==> flow/design.v <==
module cpu_sel_unit_mod #(
    parameter NBITS = 10
) (
    input wire aclk,
    input wire rst_ni,
    input wire [NBITS-1:0] i_src0,
    input wire [NBITS-1:0] i_src1,
    input wire [NBITS-1:0] i_src2,
    input wire [NBITS-1:0] i_src3,
    input wire [NBITS-1:0] i_src4,
    input wire [NBITS-1:0] i_src5,
    input wire [4:0] i_s,
    output reg [NBITS-1:0] o_o
);
    reg [NBITS-1:0] work;
    always @(*) begin
        casez (i_s)
            5'b????1: work = i_src0;
            5'b???10: work = i_src1;
            5'b??100: work = i_src2;
            5'b?1000: work = i_src3;
            5'b10000: work = i_src4;
            default: work = i_src5;
        endcase
    end
    always @(posedge aclk or negedge rst_ni) begin
        if (!rst_ni) begin
            o_o <= 0;
        end else begin
            o_o <= work;
        end
    end
endmodule
# Step by step through the tools: cpu_sel_unit_mod
# The steps from the RTL of cpu_sel_unit_mod to its reports follow in flow order.
# Line numbers count from 1 in the design file above.
# Operators carry their Yosys type and port widths (W data, S select, Z words).
# Cell names lack the library's common part.
# A cell with n/a has no value.
[inputs]
design = "cpu_sel_unit_mod"
clk_port = "aclk"
lib = "sky130hd"
pvt_corner = "tt_025C_1v80"

# Word-level counts
# Counts by Yosys on the flattened word-level netlist (proc, flatten, opt, wreduce; memories kept). Register bits leave out memories and registers merged into their read ports (data or address); mux counts leave out enables and synchronous resets folded into registers. Print and check cells are left out. Cells with the same type and inputs are merged into one.
[op_classes]
equal = 4
muxes = 1
[ops]
columns = ["op", "count"]
rows = [
  ["$pmux W10 S5", 1],
  ["$eq A5 B5 Y1 const B", 1],
  ["$eq A4 B4 Y1 const B", 1],
  ["$eq A3 B3 Y1 const B", 1],
  ["$eq A2 B2 Y1 const B", 1],
]
[bits]
inputBits = 67
ff_bits = 10
output_inout_bits = 10
word_cells = 6

# Longest topological paths
# Depth = most cells in a row (Yosys ltp): at word level without a register or memory, in the mapped netlist without a sequential cell, where the memories' decode and read muxes count.
[depth]
depth_word = 2
abc_area = 0
depth_mapped = 4
ltp_nobuf = 3

# Synthesis result
# Yosys stat after the flow's synthesis: flattened, memories mapped to cells. It holds for the ABC_AREA given above (unset counts as 0); a run with the other value may have another netlist.
# Totals and module areas in this step are rounded.
[by_type]
columns = ["cell_type", "count", "type_area_um2"]
rows = [
  ["dfrtp_1", 10, 250.24],
  ["a2bb2oi_2", 10, 150.144],
  ["a22o_1", 10, 87.584],
  ["a22oi_1", 10, 75.072],
  ["nand3b_1", 10, 75.072],
  ["nand2b_1", 11, 68.816],
  ["a21oi_1", 10, 50.048],
  ["inv_1", 10, 37.536],
  ["buf_2", 5, 25.024],
  ["nor4b_4", 1, 23.773],
  ["clkbuf_1", 3, 11.261],
  ["nor4_1", 1, 6.256],
]
[synth_totals]
buf_cells = 8
seq_area_mm2 = 0.0002502
ff_cells = 10
synth_area_mm2 = 0.0008608
cells = 91

# Timing after synthesis
# Path of least setup slack by OpenSTA after synthesis, without wires, with an ideal clock, recovery checks aside; 20% of the period is set as input and as output delay. Where synthesis merged equal registers, the netlist keeps one of their names.
[synth_timing]
path_type = "in2reg"
from = "input i_s[2]"
to = "register o_o[0]"
slack_ns = 0.207
input_delay_ns = 0.260
n_path_buf = 1
t_required_ns = 1.227
delay_ns = 0.833
t_arrival_ns = 1.020
setup_ns = 0.073
t_first_pin_ns = 0.260
clock_period_ns = 1.3
path_stages = 4
synth_period_reached_ns = 1.093
# "delay_ns" is the arrival time less input delay plus setup time.
# "path_stages": output pins that drive a net of the path, with the launching flip-flop's if there is one; two outputs of one cell count as two.
# "synth_period_reached_ns" is the clock period less the worst setup slack; recovery checks do not enter. This is arithmetic on one report: input and output delays are still those of the set period (20% each).
# Between the ends stands the longest chain of elaborated cells between them, by number of cells; it is not shown to be the way that was timed. Of several equally long chains one is given.
# Each line given opens the expression or statement behind the cell; cells for indexed reads and writes are added by Yosys, which also makes memories of some case tables.
[synth_via]
cell_sequence = "nor4_1 > buf_2 > a22oi_1 > a2bb2oi_2"
elab_chain_cells = 2
cells_between = 4
lines_between = 1
classes_between = "eq/ne (3); mux (1)"
[synth_lines]
columns = ["item", "line_no", "rtl"]
rows = [
  ["start: declaration", 12, "input wire [4:0] i_s,"],
  ["$eq A5 B5 Y1", 17, "casez (i_s)"],
  ["$pmux W10 S5", 17, ""],
  ["end: assignment", 28, "o_o <= 0;"],
  ["end: assignment", 30, "o_o <= work;"],
  ["end: declaration", 13, "output reg [NBITS-1:0] o_o"],
]

# Worst path after layout
# Path of least setup slack in the final report of job 2 (OpenROAD, finished layout, wires in). Where an end is a register, its clock arrival counts in the times.
[layout_timing]
path_type = "in2reg"
from = "input i_s[2]"
to = "register o_o[4]"
slack_ns = 0.04
clock_period_ns = 1.3
setup_ns = 0.07
t_required_ns = 1.50
input_delay_ns = 0.26
n_path_buf = 3
t_first_pin_ns = 0.26
path_stages = 6
t_arrival_ns = 1.46
# Between the ends stands the longest chain of elaborated cells between them, by number of cells; it is not shown to be the way that was timed. Of several equally long chains one is given.
[layout_via]
cell_sequence = "dlygate4sd2_1 > buf_4 > nor4b_4 > buf_4 > a22oi_1 > a2bb2oi_2"
elab_chain_cells = 2
cells_between = 4
lines_between = 1
classes_between = "eq/ne (3); mux (1)"
[layout_lines]
columns = ["item", "line_no", "rtl"]
rows = [
  ["start: declaration", 12, "input wire [4:0] i_s,"],
  ["$eq A5 B5 Y1", 17, "casez (i_s)"],
  ["$pmux W10 S5", 17, ""],
  ["end: assignment", 28, "o_o <= 0;"],
  ["end: assignment", 30, "o_o <= work;"],
  ["end: declaration", 13, "output reg [NBITS-1:0] o_o"],
]

# Flow measurements of cpu_sel_unit_mod on sky130hd: 3 stored runs with different settings, listed in no order. Input and output delays are each 20% of the period that was set; the output load is 0.01 pF.
# "timing.achieved_period_ns" is the run's clock period less its worst setup slack. It is reckoned from that one timing run; input and output delays stay at 20% of the period that was set.
# "power_total_uw" rests on the timing tool's default activity at the inputs, not on a simulated workload.
# The results are shown rounded.

[[run]]
name = "job 1"
[run.settings]
period_ns = 0.643
CORE_UTILIZATION = 58
CELL_PAD_IN_SITES_GLOBAL_PLACEMENT = 2
CELL_PAD_IN_SITES_DETAIL_PLACEMENT = 1
ABC_AREA = 1
GPL_TIMING_DRIVEN = 1
GPL_ROUTABILITY_DRIVEN = 1
CAP_MARGIN = 30
MAX_ROUTING_LAYER = "met4"
CORE_MARGIN = 2
SLEW_MARGIN = 20
[run.results]
outcome = "no results, placement failed with GPL-0301"

[[run]]
name = "job 2"
[run.settings]
period_ns = 1.3
CAP_MARGIN = 20
CORE_MARGIN = 2
CORE_UTILIZATION = 40
SLEW_MARGIN = 20
[run.results]
synthesis_area_mm2 = 0.0008608
dieArea_mm2 = 0.002539
power_total_uw = 1125
worstSetupSlack_ns = 0.036
finalCellArea_mm2 = 0.001758
timing.achieved_period_ns = 1.264

[[run]]
name = "job 3"
[run.settings]
period_ns = 0.671
CORE_UTILIZATION = 45
PLACE_DENSITY_LB_ADDON = 0.14
CORE_MARGIN = 3
ABC_AREA = 1
GPL_TIMING_DRIVEN = 0
MIN_ROUTING_LAYER = "met2"
CAP_MARGIN = 20
SLEW_MARGIN = 20
[run.results]
outcome = "no results, placement failed with FLW-0024"
